==> flow/design.v <==
module my_mult #(
    parameter DW = 7
) (
    input  ck,
    input  nrst,
    input  [DW-1:0] a,
    input  [DW-1:0] b,
    output reg [2*DW-1:0] result
);
    reg [DW-1:0] r_a;
    reg [DW-1:0] r_b;
    always @(posedge ck) begin
        if (!nrst) begin
            r_a <= 0;
            r_b <= 0;
            result <= 0;
        end else begin
            r_a <= a;
            r_b <= b;
            result <= r_a * r_b;
        end
    end
endmodule
### Tool chain data of my_mult

Module my_mult in several versions that differ in "DW"; each step lists the members.
The RTL above is that of DW=7; lines are counted from 1 in the file of the member named.
Operators: Yosys type, input widths -> output width; for muxes data width and select width s.
Cell names lack the library's common part.
Not given: n/a

* top: my_mult
* clock input: ck
* cell library: sky130hd
* timing corner: tt_025C_1v80

### Source of the members

New or changed lines of each further member against the RTL above, in its own file; lines it lacks are not shown.

New or changed lines
* DW 9: RTL line 2 `parameter DW = 9`
* DW 22: RTL line 2 `parameter DW = 22`

### Word level

Counts by Yosys on the flattened word-level netlist (proc, flatten, opt, wreduce; memories kept). Register bits leave out memories and registers merged into their read ports (data or address); mux counts leave out enables and synchronous resets folded into registers. Print and check cells are left out. Cells with the same type and inputs are merged into one.

Bit counts
* DW 7: bits of input ports 16, register bits 28, output and inout bits 14
* DW 9: bits of input ports 20, register bits 36, output and inout bits 18
* DW 22: bits of input ports 46, register bits 88, output and inout bits 44

Operators by class ($mul)
* DW 7: 1
* DW 9: 1
* DW 22: 1

Operators by type and width (kinds with counts)
* DW 7: $mul 7x7->14 (1)
* DW 9: $mul 9x9->18 (1)
* DW 22: $mul 22x22->44 (1)

### Depth

Depth = most cells in a row (Yosys ltp): at word level without a register or memory, in the mapped netlist without a sequential cell, where the memories' decode and read muxes count.

Logic depth
* DW 7: word-level depth 1, ABC_AREA 0, depth in mapped cells 15, mapped depth without buffers 15
* DW 9: word-level depth 1, ABC_AREA 0, depth in mapped cells 17, mapped depth without buffers 16
* DW 22: word-level depth 1, ABC_AREA 0, depth in mapped cells 24, mapped depth without buffers 22

### Netlist

Source: synth_stat.txt of the flow (Yosys; design flattened, memories mapped). It holds for the ABC_AREA given above (unset counts as 0); a run with the other value may have another netlist.
The area totals of this step are shown rounded.

Cells by type (type and count)
* DW 7: dfxtp_1 (28); fa_1 (24); ha_1 (32); and2_1 (49); nand2_1 (30); inv_1 (26); xnor2_1 (6); a21oi_2 (5); a21oi_1 (5); nor2_1 (6); a211oi_4 (1); o21ai_1 (4); nand2b_1 (3); o21ai_2 (2); o221ai_1 (2); a211oi_1 (2); nor3_1 (3); o21ai_0 (3); [+18]
* DW 9: fa_1 (50); dfxtp_1 (36); ha_1 (38); and2_1 (74); inv_1 (69); nand2_1 (37); and3_1 (8); a21o_1 (6); xor2_1 (5); nor2_1 (10); a21oi_1 (7); clkbuf_1 (7); xnor2_1 (3); mux2i_1 (2); a31oi_1 (3); nand2b_1 (3); a221oi_1 (2); a211oi_1 (2); [+15]
* DW 22: fa_1 (397); ha_1 (159); and2_1 (296); dfxtp_1 (88); inv_1 (383); nand2_1 (299); clkbuf_1 (117); a21oi_1 (43); xnor2_1 (22); a21o_1 (21); o21ai_0 (23); nand4_1 (17); xor2_1 (9); o21bai_1 (9); nor2_1 (17); a211oi_1 (8); mux2i_1 (6); nand2b_1 (9); [+63]

The mark [+n] counts cells that are not listed.

Mapped netlist
* DW 7: cells in the netlist 249, cell area after synthesis 0.00239 mm^2, buffers 4, sequential part of the area 0.000561 mm^2, flip-flops 28
* DW 9: cells in the netlist 377, cell area after synthesis 0.00352 mm^2, buffers 7, sequential part of the area 0.000721 mm^2, flip-flops 36
* DW 22: cells in the netlist 1986, cell area after synthesis 0.0182 mm^2, buffers 118, sequential part of the area 0.00176 mm^2, flip-flops 88

### Worst setup path after synthesis

Path of least setup slack by OpenSTA after synthesis, without wires, with an ideal clock, recovery checks aside; 20% of the period is set as input and as output delay. Where synthesis merged equal registers, the netlist keeps one of their names.

Path after synthesis
* DW 7: kind reg2reg, start register r_b[6], end register result[10], setup slack 0.938 ns, clock period 4.67 ns, driving pins on the path 15, delay of the path 3.732 ns, synthesis period reached 3.732 ns
* DW 9: kind reg2reg, start register r_b[2], end register result[15], setup slack 1.102 ns, clock period 5.52 ns, driving pins on the path 16, delay of the path 4.418 ns, synthesis period reached 4.418 ns
* DW 22: kind reg2reg, start register r_a[15], end register result[41], setup slack 1.560 ns, clock period 7.8 ns, driving pins on the path 24, delay of the path 6.240 ns, synthesis period reached 6.24 ns

"delay of the path" = arrival - input delay + setup time.
"driving pins on the path": output pins that drive a net of the path, with the launching flip-flop's if there is one; two outputs of one cell count as two.
"synthesis period reached" = period - worst setup slack (recovery checks aside). The figure is calculated, with input and output delays left at 20% of the set period.
The rows between start and end are the longest chain of elaborated cells between them; the timing report does not say that the signal goes this way. Where chains are equally long, one stands for them.
Each line given opens the expression or statement behind the cell; cells for indexed reads and writes are added by Yosys, which also makes memories of some case tables.

Between the ends, after synthesis, DW=7:
* length of the longest elaborated chain: 1

RTL lines, path after synthesis, DW=7
* from (decl): RTL line 11 `reg [DW-1:0] r_b;`
* from (assign): RTL line 15 `r_b <= 0;`
* from (assign): RTL line 19 `r_b <= b;`
* $mul 7x7->14: RTL line 20 `result <= r_a * r_b;`
* to (assign): RTL line 16 `result <= 0;`
* to (assign): RTL line 20
* to (decl): RTL line 8 `output reg [2*DW-1:0] result`

Between the ends, after synthesis, DW=22:
* length of the longest elaborated chain: 1

RTL lines, path after synthesis, DW=22
* from (decl): RTL line 10 `reg [DW-1:0] r_a;`
* from (assign): RTL line 14 `r_a <= 0;`
* from (assign): RTL line 18 `r_a <= a;`
* $mul 22x22->44: RTL line 20 `result <= r_a * r_b;`
* to (assign): RTL line 16 `result <= 0;`
* to (assign): RTL line 20
* to (decl): RTL line 8 `output reg [2*DW-1:0] result`

### Path in the finished layout

From the final timing report of the run of each member: the path of least setup slack in the routed layout; clock arrival at registers is part of the times.

Path after layout
* DW 7: kind reg2reg, start register r_b[6], end register result[8], clock period 4.67 ns, data arrival time 4.22 ns, driving pins on the path 15, buffers on the path 0, setup slack 0.64 ns
* DW 9: kind reg2reg, start register r_b[2], end register result[15], clock period 5.52 ns, data arrival time 4.88 ns, driving pins on the path 15, buffers on the path 0, setup slack 0.89 ns
* DW 22: kind reg2reg, start register r_a[7], end register result[41], clock period 7.8 ns, data arrival time 7.66 ns, driving pins on the path 21, buffers on the path 0, setup slack 0.45 ns

### Flow runs

One run of the flow (Yosys, OpenROAD) for each member, with settings and measured results. Input and output delays are each 20% of the period that was set; the output load is 0.01 pF.

* CAP_MARGIN: 20
* CORE_MARGIN: 2
* CORE_UTILIZATION: 40
* SLEW_MARGIN: 20

Settings that differ (period_ns)
* DW 7: 4.67
* DW 9: 5.52
* DW 22: 7.8

Measured results
* DW 7: post-layout utilization 48.2%, netlist area reported by Yosys 0.00239 mm^2, worst setup slack after layout 0.637 ns, std-cell area (final layout) 0.00282 mm^2, setup total negative slack 0.000 ns, achieved clock period 4.033 ns, power consumption 0.612 mW, die size 0.00661 mm^2, smallest hold slack 0.603 ns
* DW 9: post-layout utilization 47.6%, netlist area reported by Yosys 0.00352 mm^2, worst setup slack after layout 0.887 ns, std-cell area (final layout) 0.00411 mm^2, setup total negative slack 0.000 ns, achieved clock period 4.633 ns, power consumption 0.760 mW, die size 0.00957 mm^2, smallest hold slack 0.581 ns
* DW 22: post-layout utilization 44.1%, netlist area reported by Yosys 0.0182 mm^2, worst setup slack after layout 0.452 ns, std-cell area (final layout) 0.0199 mm^2, setup total negative slack 0.000 ns, achieved clock period 7.348 ns, power consumption 3.57 mW, die size 0.0473 mm^2, smallest hold slack 0.699 ns

By "achieved clock period" is meant the clock period of the run minus its worst setup slack. This is arithmetic on one report: input and output delays are still those of the set period (20% each).
"power consumption" is the tool's figure for a default switching activity; nothing was simulated.
Values from the reports are rounded here.
